==> flow/design.v <==
module addsub_blk #(
  parameter NBITS = 36
) (
  input aclk,
  input srst,
  input [NBITS-1:0] in0,
  input [NBITS-1:0] in1,
  output [NBITS-1:0] result,
  output borrow
);
  reg [NBITS-1:0] in0_d1;
  reg [NBITS-1:0] in1_d1;
  always @(posedge aclk or posedge srst) begin
    if (srst) begin
      in0_d1 <= 0;
      in1_d1 <= 0;
    end else begin
      in0_d1 <= in0;
      in1_d1 <= in1;
    end
  end
  wire [NBITS:0] nxt;
  assign nxt = {1'b0, in0_d1} - {1'b0, in1_d1};
  assign result = nxt[NBITS-1:0];
  assign borrow = nxt[NBITS];
endmodule
### Reports on addsub_blk

What the tools print for addsub_blk, step after step.
Lines are those of the file above, counted from 1.
Library cell names are shortened.
A cell with -- has no value.

| design | value |
|---|---|
| top module | addsub_blk |
| clock input | aclk |
| library | sky130hd |
| library corner | tt_025C_1v80 |

### After elaboration

Source: Yosys, flattened and elaborated, memories not mapped. Widths are those after wreduce; folded enables and synchronous resets count as part of the registers. Registers that Yosys merges into a memory's read port (data or address) are not register bits. Print and check cells do not count. Equal cells are merged and count once.

| bit counts | value |
|---|---|
| memory cells | 0 |
| memory bits (read-only) | 0 |
| output and inout bits | 37 |
| latch bits | 0 |
| bits of input ports | 74 |
| bits in registers | 72 |
| RAM bits | 0 |
| word width x clocked read ports | 0 |
| elaborated cells | 3 |

| operators by class | value |
|---|---|
| bitwise gates (word level) | 0 |
| equal/unequal tests | 0 |
| $mul | 0 |
| divide/modulo/power cells | 0 |
| add/sub/neg operators | 1 |
| magnitude comparators | 0 |
| reductions and logical operators | 0 |
| shifts and indexed selects | 0 |
| mux-type cells | 0 |

Operator list:

| cell | count |
|---|---|
| subtractor 36 x 36 -> 37 bit | 1 |

### Logic depth

Depth = most cells in a row (Yosys ltp): at word level without a register or memory, in the mapped netlist without a sequential cell, where the memories' decode and read muxes count.

| depth | value |
|---|---|
| depth after elaboration | 1 |
| ABC_AREA | 0 |
| mapped depth | 10 |
| gate-level depth less buffers | 10 |

### Mapped cells and area

Yosys stat after the flow's synthesis: flattened, memories mapped to cells. It holds for the ABC_AREA given above (unset counts as 0); a run with the other value may have another netlist.

Cell types:

| type | count | area in all (µm²) |
|---|---|---|
| dfrtp_1 | 72 | 1.8E+03 |
| ha_1 | 36 | 450.432 |
| a21oi_1 | 41 | 205.197 |
| inv_1 | 46 | 172.666 |
| xnor2_1 | 19 | 166.41 |
| nand2_1 | 33 | 123.869 |
| xor2_1 | 12 | 105.101 |
| a21o_1 | 13 | 97.594 |
| nor2_1 | 22 | 82.579 |
| nand3_1 | 14 | 70.067 |
| o21ai_0 | 12 | 60.058 |
| o21a_1 | 7 | 52.55 |
| nand4_1 | 8 | 50.048 |
| o21ai_1 | 10 | 50.048 |
| a31oi_1 | 6 | 37.536 |
| o21bai_1 | 5 | 37.536 |
| buf_2 | 7 | 35.034 |
| a21oi_2 | 3 | 26.275 |

Other cell types: 36; their cells: 54.

| mapped netlist | value |
|---|---|
| chip area (Yosys) | 4098.9 µm² |
| buffers | 13 |
| sequential part of the area | 1801.7 µm² |
| standard cells after synthesis | 420 |
| mapped flip-flops | 72 |

### Path before layout

Source: OpenSTA report_checks on the synthesized netlist (no wires, ideal clock, input and output delay 20% of the period each), path of least setup slack; recovery checks are left aside. Register names are those of the netlist, which keeps one name where synthesis merged equal registers.

| timing post-synthesis | value |
|---|---|
| path kind | reg-to-output |
| start | reg in0_d1[0] |
| end | out result[32] |
| delay of the path | 2294 ps |
| slack | 570 ps |
| arrival time | 2294 ps |
| period | 3580 ps |
| launch time at the first pin | 0 ps |
| stages on the path | 11 |
| output delay | 716 ps |
| path buffers | 0 |
| synthesis period reached | 3010 ps |

"delay of the path" is the arrival time less input delay plus setup time.
At an output port there is no setup time.
"stages on the path": output pins that drive a net of the path, with the launching flip-flop's if there is one; two outputs of one cell count as two.
"synthesis period reached" is the clock period less the worst setup slack; recovery checks do not enter. This is arithmetic on one report: input and output delays are still those of the set period (20% each).
Between the ends stands the longest chain of elaborated cells between them, by number of cells; it is not shown to be the way that was timed. Of several equally long chains one is given.
Each line given opens the expression or statement behind the cell; cells for indexed reads and writes are added by Yosys, which also makes memories of some case tables.

| between the ends, post-synthesis | value |
|---|---|
| path through | dfrtp_1 > inv_1 > ha_1 > fa_1 > nand2b_1 > a21oi_1 > o21ai_1 > a311o_1 > a41oi_2 > a31oi_1 > xnor2_1 |
| cells in the longest elaborated chain | 1 |
| elaborated cells between the ends (all ways) | 1 |
| source lines of those cells | 1 |
| those cells by class | add/sub (1) |

Ends and longest elaborated chain, post-synthesis:

| item | line | RTL |
|---|---|---|
| start: declaration | 11 | `reg [NBITS-1:0] in0_d1;` |
| start: assignment | 15 | `in0_d1 <= 0;` |
| start: assignment | 18 | `in0_d1 <= in0;` |
| subtractor 36 x 36 -> 37 bit | 23 | `assign nxt = {1'b0, in0_d1} - {1'b0, in1_d1};` |
| end: declaration | 8 | `output [NBITS-1:0] result,` |

### Worst path after layout

Path of least setup slack in the final report of run B (OpenROAD, finished layout, wires in). Where an end is a register, its clock arrival counts in the times.
The path's times are printed in steps of 10 ps; the period is the one set.

| timing after layout | value |
|---|---|
| path kind | reg-to-output |
| start | reg in1_d1[0] |
| end | out result[32] |
| period | 3580 ps |
| arrival time | 2830 ps |
| slack | 40 ps |
| output delay | 720 ps |
| stages on the path | 12 |
| path buffers | 2 |
| launch time at the first pin | 350 ps |

Between the ends stands the longest chain of elaborated cells between them, by number of cells; it is not shown to be the way that was timed. Of several equally long chains one is given.

| between the ends, after layout | value |
|---|---|
| path through | dfrtp_1 > ha_2 > fa_2 > nand2b_4 > a21oi_4 > o21ai_2 > a311o_1 > a41oi_2 > buf_4 > a31oi_4 > xnor2_1 > buf_2 |
| cells in the longest elaborated chain | 1 |
| elaborated cells between the ends (all ways) | 1 |
| source lines of those cells | 1 |
| those cells by class | add/sub (1) |

Ends and longest elaborated chain, after layout:

| item | line | RTL |
|---|---|---|
| start: declaration | 12 | `reg [NBITS-1:0] in1_d1;` |
| start: assignment | 16 | `in1_d1 <= 0;` |
| start: assignment | 19 | `in1_d1 <= in1;` |
| subtractor 36 x 36 -> 37 bit | 23 | `assign nxt = {1'b0, in0_d1} - {1'b0, in1_d1};` |
| end: declaration | 8 | `output [NBITS-1:0] result,` |

Lab notebook: addsub_blk

Stored flow runs of addsub_blk (3 of them; Yosys, OpenROAD, sky130hd). They differ in their settings and are not a sequence. Constraints: input delay and output delay 20% of the set period each, output load 0.01 pF.
"achieved clock period": clock period set for the run, less the worst setup slack. It is reckoned from that one timing run; input and output delays stay at 20% of the period that was set.
Among the settings, -- means not set for that run.
Among the results, -- means that no value is shown for the run.

| setting or result | run A | run B | run C |
|---|---|---|---|
| period_ns | 2.63 | 3.58 | 3.39 |
| CORE_UTILIZATION | 57 | 40 | 52 |
| PLACE_DENSITY_LB_ADDON | 0.01 | -- | -- |
| CORE_MARGIN | 10 | 2 | 2 |
| MAX_ROUTING_LAYER | met5 | -- | -- |
| CAP_MARGIN | 20 | 20 | 20 |
| SLEW_MARGIN | 20 | 20 | 20 |
| SETUP_SLACK_MARGIN | -- | -- | 0.78 |
| PLACE_DENSITY | -- | -- | 0.48 |
| HOLD_SLACK_MARGIN | -- | -- | 0.18 |
| CORE_ASPECT_RATIO | -- | -- | 1.26 |
| CELL_PAD_IN_SITES_DETAIL_PLACEMENT | -- | -- | 2 |
| CTS_CLUSTER_SIZE | -- | -- | 58 |
| worst hold slack in the final report (ps) | -- | 786 | -- |
| worst setup slack after layout (ps) | -- | 36 | -- |
| area inside the die boundary (µm²) | -- | 11073.4 | -- |
| total negative slack on setup checks (ps) | -- | 0 | -- |
| achieved clock period (ps) | -- | 3544 | -- |
| netlist area reported by Yosys (µm²) | -- | 4098.9 | -- |
| post-layout utilization (%) | -- | 59.3 | -- |

Run A: stopped before the end: clock tree synthesis reported DPL-0033
Run C: stopped before the end: placement reported DPL-0033
